==> flow/design.v <==
module reg_word #(parameter N = 8) (
    input wire clk,
    input wire en,
    input wire [N-1:0] d,
    output reg [N-1:0] q
);
    always @(posedge clk)
        if (en) q <= d;
endmodule
module mem_p #(
    parameter NUM_REGS = 24,
    parameter DATA_W = 10,
    parameter RP = 4,
    parameter ADDR_W = $clog2(NUM_REGS)
) (
    input i_clk,
    input in_wr_en,
    input [ADDR_W-1:0] in_write_addr,
    input [DATA_W-1:0] in_wd,
    input [RP*ADDR_W-1:0] in_read_addr,
    output reg [RP*DATA_W-1:0] out_rd
);
    wire [NUM_REGS*DATA_W-1:0] array;
    genvar ii;
    generate
        for (ii = 0; ii < NUM_REGS; ii = ii + 1) begin : row
            reg_word #(.N(DATA_W)) i_sub (.clk(i_clk), .en(in_wr_en && in_write_addr == ii), .d(in_wd), .q(array[ii*DATA_W +: DATA_W]));
        end
    endgenerate
    wire [RP*DATA_W-1:0] cur;
    genvar m;
    generate
        for (m = 0; m < RP; m = m + 1) begin : gen
            assign cur[m*DATA_W +: DATA_W] = array[in_read_addr[m*ADDR_W +: ADDR_W]*DATA_W +: DATA_W];
        end
    endgenerate
    always @(posedge i_clk) begin
        out_rd <= cur;
    end
endmodule
# --- Reports on mem_p ---
# What the tools print for mem_p, step after step.
# Lines are those of the file above, counted from 1.
# Library cell names are shortened.
setup:
  top: "mem_p"
  clock_port: "i_clk"
  library: "sky130hd"
  corner: "tt_025C_1v80"

# --- Word level ---
# Counts by Yosys on the flattened word-level netlist (proc, flatten, opt, wreduce; memories kept). Register bits leave out memories and registers merged into their read ports (data or address); mux counts leave out enables and synchronous resets folded into registers. Print and check cells are left out. Cells with the same type and inputs are merged into one.
word_totals:
  register_bits: 280
  out_inout_bits: 40
classes:
  n_mul: 4
  eq_ne: 23
  shifts: 4
  reduce_logical: 25
op_table:
  columns: ["op", "n"]
  rows:
  - ["variable part select 240 x 10 -> 10 bit", 4]
  - ["multiplier 5 x 3 -> 8 bit with constant B", 4]
  - ["equality test 5 x 4 -> 1 bit with constant B", 8]
  - ["equality test 5 bit with constant B", 8]
  - ["logical AND 1 bit", 24]
  - ["equality test 5 x 3 -> 1 bit with constant B", 4]
  - ["equality test 5 x 2 -> 1 bit with constant B", 2]
  - ["equality test 5 x 1 -> 1 bit with constant B", 1]
  - ["zero test 5 bit", 1]

# --- Logic depth ---
# Depth = most cells in a row (Yosys ltp): at word level without a register or memory, in the mapped netlist without a sequential cell, where the memories' decode and read muxes count.
depth:
  word_depth: 2
  ABC_AREA: 0
  mapped_depth: 8
  mapped_depth_nobuf: 4

# --- After synthesis ---
# Yosys stat after the flow's synthesis: flattened, memories mapped to cells. It holds for the ABC_AREA given above (unset counts as 0); a run with the other value may have another netlist.
by_type:
  columns: ["cell", "n"]
  rows:
  - ["edfxtp_1", 240]
  - ["mux2i_1", 320]
  - ["mux4_2", 71]
  - ["a22oi_1", 120]
  - ["dfxtp_1", 40]
  - ["nand3_1", 100]
  - ["o211ai_1", 40]
  - ["nand2b_1", 41]
  - ["buf_6", 21]
  - ["mux4_1", 9]
  - ["a221oi_1", 21]
  - ["nor2_1", 39]
  - ["a21oi_1", 29]
  - ["buf_4", 19]
  - ["clkbuf_1", 37]
  - ["nand2_1", 32]
  - ["nor2b_1", 13]
  - ["buf_2", 14]
# Other cell types: 9; their cells: 27.
synth_totals:
  mapped_cells: 1233
  yosys_area_um2: 16472.0
  sequential_area_um2: 8007.7
  flip_flops: 280
  buffers: 104
# By module: a second synthesis without flattening, with its own total; a netlist apart from the flattened one above.
unflattened:
  cells_unflattened: 1242
  area_unflattened_um2: 16603.4
# Rows give one instance, submodules left out.
modules:
  columns: ["mod", "instances", "cells", "mod_area_um2", "mod_seq_area_um2"]
  rows:
  - ["mem_p", 1, 1002, 9396.5, 800.8]
  - ["reg_word #(N=10)", 24, 10, 300.3, 300.3]

# --- Path before layout ---
# OpenSTA on the mapped netlist: ideal clock, no wires. The path of least setup slack (recovery checks aside). Input and output delay are each 20% of the period. Register names are those of the netlist, which keeps one name where synthesis merged equal registers.
synth_timing:
  kind: "input to register"
  start: "input port in_write_addr[2]"
  end: "register row[20].i_sub.q[0]"
  tclk_ps: 2450
  t_first_pin_ps: 490
  arrival_ps: 1668
  path_slack_ps: 392
  delay_ps: 1568
  driving_pins: 3
  synth_period_reached_ps: 2058
# "delay_ps" = arrival - input delay + setup time.
# "driving_pins" counts driving pins, that of a launching flip-flop among them; a cell with two outputs on the path counts twice.
# "synth_period_reached_ps" is the clock period less the worst setup slack; recovery checks do not enter. This is arithmetic on one report: input and output delays are still those of the set period (20% each).
# Between the ends stands the longest chain of elaborated cells between them, by number of cells; it is not shown to be the way that was timed. Of several equally long chains one is given.
# Each line given opens the expression or statement behind the cell; cells for indexed reads and writes are added by Yosys, which also makes memories of some case tables.
synth_between:
  path_cell_list: "clkbuf_1 > nand4b_1 > nor3_1"
  elab_chain_len: 2
  cells_between: 2
  lines_between: 1
  classes_between: "eq/ne: 1; reduce/logical: 1"
synth_rtl:
  columns: ["element", "line", "rtl"]
  rows:
  - ["from (decl)", 18, "input [ADDR_W-1:0] in_write_addr,"]
  - ["equality test 5 bit", 27, "reg_word #(.N(DATA_W)) i_sub (.clk(i_clk), .en(in_wr_en && in_write_addr == ii), .d(in_wd), .q(array[ii*DATA_W ..."]
  - ["logical AND 1 bit", 27, null]
  - ["to (assign)", 8, "if (en) q <= d;"]
  - ["to (decl)", 5, "output reg [N-1:0] q"]

# --- Worst path after layout ---
# From the final timing report of record 1: the path of least setup slack in the routed layout; clock arrival at registers is part of the times.
# The path's times are printed in steps of 10 ps; the period is the one set.
layout_timing:
  kind: "register to register"
  start: "register row[3].i_sub.q[7]"
  end: "register out_rd[37]"
  tclk_ps: 1280
  t_first_pin_ps: 570
  arrival_ps: 2080
  path_slack_ps: -360
  driving_pins: 4
# Between the ends stands the longest chain of elaborated cells between them, by number of cells; it is not shown to be the way that was timed. Of several equally long chains one is given.
layout_between:
  path_cell_list: "edfxtp_1 > mux4_2 > o211ai_1 > nand3_1"
  elab_chain_len: 1
  cells_between: 1
  lines_between: 1
  classes_between: "shift: 1"
layout_rtl:
  columns: ["element", "line", "rtl"]
  rows:
  - ["from (decl)", 5, "output reg [N-1:0] q"]
  - ["from (assign)", 8, "if (en) q <= d;"]
  - ["variable part select 240 x 10 -> 10 bit", 34, "assign cur[m*DATA_W +: DATA_W] = array[in_read_addr[m*ADDR_W +: ADDR_W]*DATA_W +: DATA_W];"]
  - ["to (assign)", 38, "out_rd <= cur;"]
  - ["to (decl)", 21, "output reg [RP*DATA_W-1:0] out_rd"]

Subject: flow runs of mem_p

Hi,

Design mem_p on sky130hd. What follows are 3 stored runs of the flow, each under its own settings; their order means nothing. The constraints put input and output delay at 20% of the set period each and load the outputs with 0.01 pF.
"worstPathTime_ps" is the time allowed to the run's worst setup path (the clock period less input and output delay, where it has them) less its slack. Clock arrival times count: a late capture clock shortens it, a late launch clock lengthens it.
"power_total_mw": no workload was simulated; the value follows from the tool's default switching activity.
"worstPathTime_ps" is given in steps of 10 ps.

--- record 1 ---
==> flow/run.sh <==
#!/bin/bash
# the make line also repeats the synthesis and layout settings of config.mk as NAME=value (left out here)
make -C /OpenROAD-flow-scripts/flow DESIGN_CONFIG=/design/flow/config.mk WORK_HOME=/design/flow/orfs CLKGATE_MAP_FILE= finish
==> flow/config.mk <==
export PLATFORM = sky130hd
export DESIGN_NAME = mem_p
export DESIGN_NICKNAME = mem_p
export VERILOG_FILES = /design/flow/design.v
export SDC_FILE = /design/flow/constraint.sdc
export NUM_CORES = 4
export LEC_CHECK = 0
export CAP_MARGIN = 20
export CORE_MARGIN = 2
export CORE_UTILIZATION = 57
export GPL_TIMING_DRIVEN = 1
export MAX_ROUTING_LAYER = met4
export PLACE_DENSITY_LB_ADDON = 0.17
export SLEW_MARGIN = 20
==> flow/constraint.sdc <==
create_clock -name core_clock -period 1.28 [get_ports {i_clk}]
set_input_delay 0.2560 -clock core_clock [delete_from_list [all_inputs] [get_ports {i_clk}]]
set_output_delay 0.2560 -clock core_clock [all_outputs]
set_load 0.01 [all_outputs]

==> results, as YAML <==
results:
  power_total_mw: 23.877
  final_setup_ws_ps: -361
  worstPathTime_ps: 1640
  worstPathKind: "register to register"
  die_um2: 30274.3
  layout_utilization_pct: 78.6
  synth_chip_area_um2: 16472.0

--- record 2 ---
==> flow/run.sh <==
#!/bin/bash
# the make line also repeats the synthesis and layout settings of config.mk as NAME=value (left out here)
make -C /OpenROAD-flow-scripts/flow DESIGN_CONFIG=/design/flow/config.mk WORK_HOME=/design/flow/orfs CLKGATE_MAP_FILE= finish
==> flow/config.mk <==
export PLATFORM = sky130hd
export DESIGN_NAME = mem_p
export DESIGN_NICKNAME = mem_p
export VERILOG_FILES = /design/flow/design.v
export SDC_FILE = /design/flow/constraint.sdc
export NUM_CORES = 4
export LEC_CHECK = 0
export CAP_MARGIN = 20
export CORE_MARGIN = 2
export CORE_UTILIZATION = 40
export SLEW_MARGIN = 20
==> flow/constraint.sdc <==
create_clock -name core_clock -period 2.45 [get_ports {i_clk}]
set_input_delay 0.4900 -clock core_clock [delete_from_list [all_inputs] [get_ports {i_clk}]]
set_output_delay 0.4900 -clock core_clock [all_outputs]
set_load 0.01 [all_outputs]

==> results, as YAML <==
results:
  die_um2: 42820.0
  synth_chip_area_um2: 16472.0
  final_setup_ws_ps: 335
  power_total_mw: 12.723
  worstPathTime_ps: 1630
  worstPathKind: "register to output"
  layout_utilization_pct: 48.9

--- record 3 ---
==> flow/run.sh <==
#!/bin/bash
# the make line also repeats the synthesis and layout settings of config.mk as NAME=value (left out here)
make -C /OpenROAD-flow-scripts/flow DESIGN_CONFIG=/design/flow/config.mk WORK_HOME=/design/flow/orfs CLKGATE_MAP_FILE= finish
==> flow/config.mk <==
export PLATFORM = sky130hd
export DESIGN_NAME = mem_p
export DESIGN_NICKNAME = mem_p
export VERILOG_FILES = /design/flow/design.v
export SDC_FILE = /design/flow/constraint.sdc
export NUM_CORES = 4
export LEC_CHECK = 0
export CAP_MARGIN = 35
export CELL_PAD_IN_SITES_DETAIL_PLACEMENT = 0
export CORE_ASPECT_RATIO = 0.58
export CORE_MARGIN = 2
export CORE_UTILIZATION = 24
export CTS_CLUSTER_DIAMETER = 400
export CTS_CLUSTER_SIZE = 29
export GPL_ROUTABILITY_DRIVEN = 1
export HOLD_SLACK_MARGIN = 0.03
export PLACE_DENSITY_LB_ADDON = 0.15
export SETUP_SLACK_MARGIN = 0.35
export SLEW_MARGIN = 20
==> flow/constraint.sdc <==
create_clock -name core_clock -period 3.34 [get_ports {i_clk}]
set_input_delay 0.6680 -clock core_clock [delete_from_list [all_inputs] [get_ports {i_clk}]]
set_output_delay 0.6680 -clock core_clock [all_outputs]
set_load 0.01 [all_outputs]

==> results, as YAML <==
results:
  synth_chip_area_um2: 16472.0
  power_total_mw: 7.397
  layout_utilization_pct: 28.2
  final_setup_ws_ps: 341
  worstPathTime_ps: 2330
  worstPathKind: "input to register"
  die_um2: 70823.9

Regards
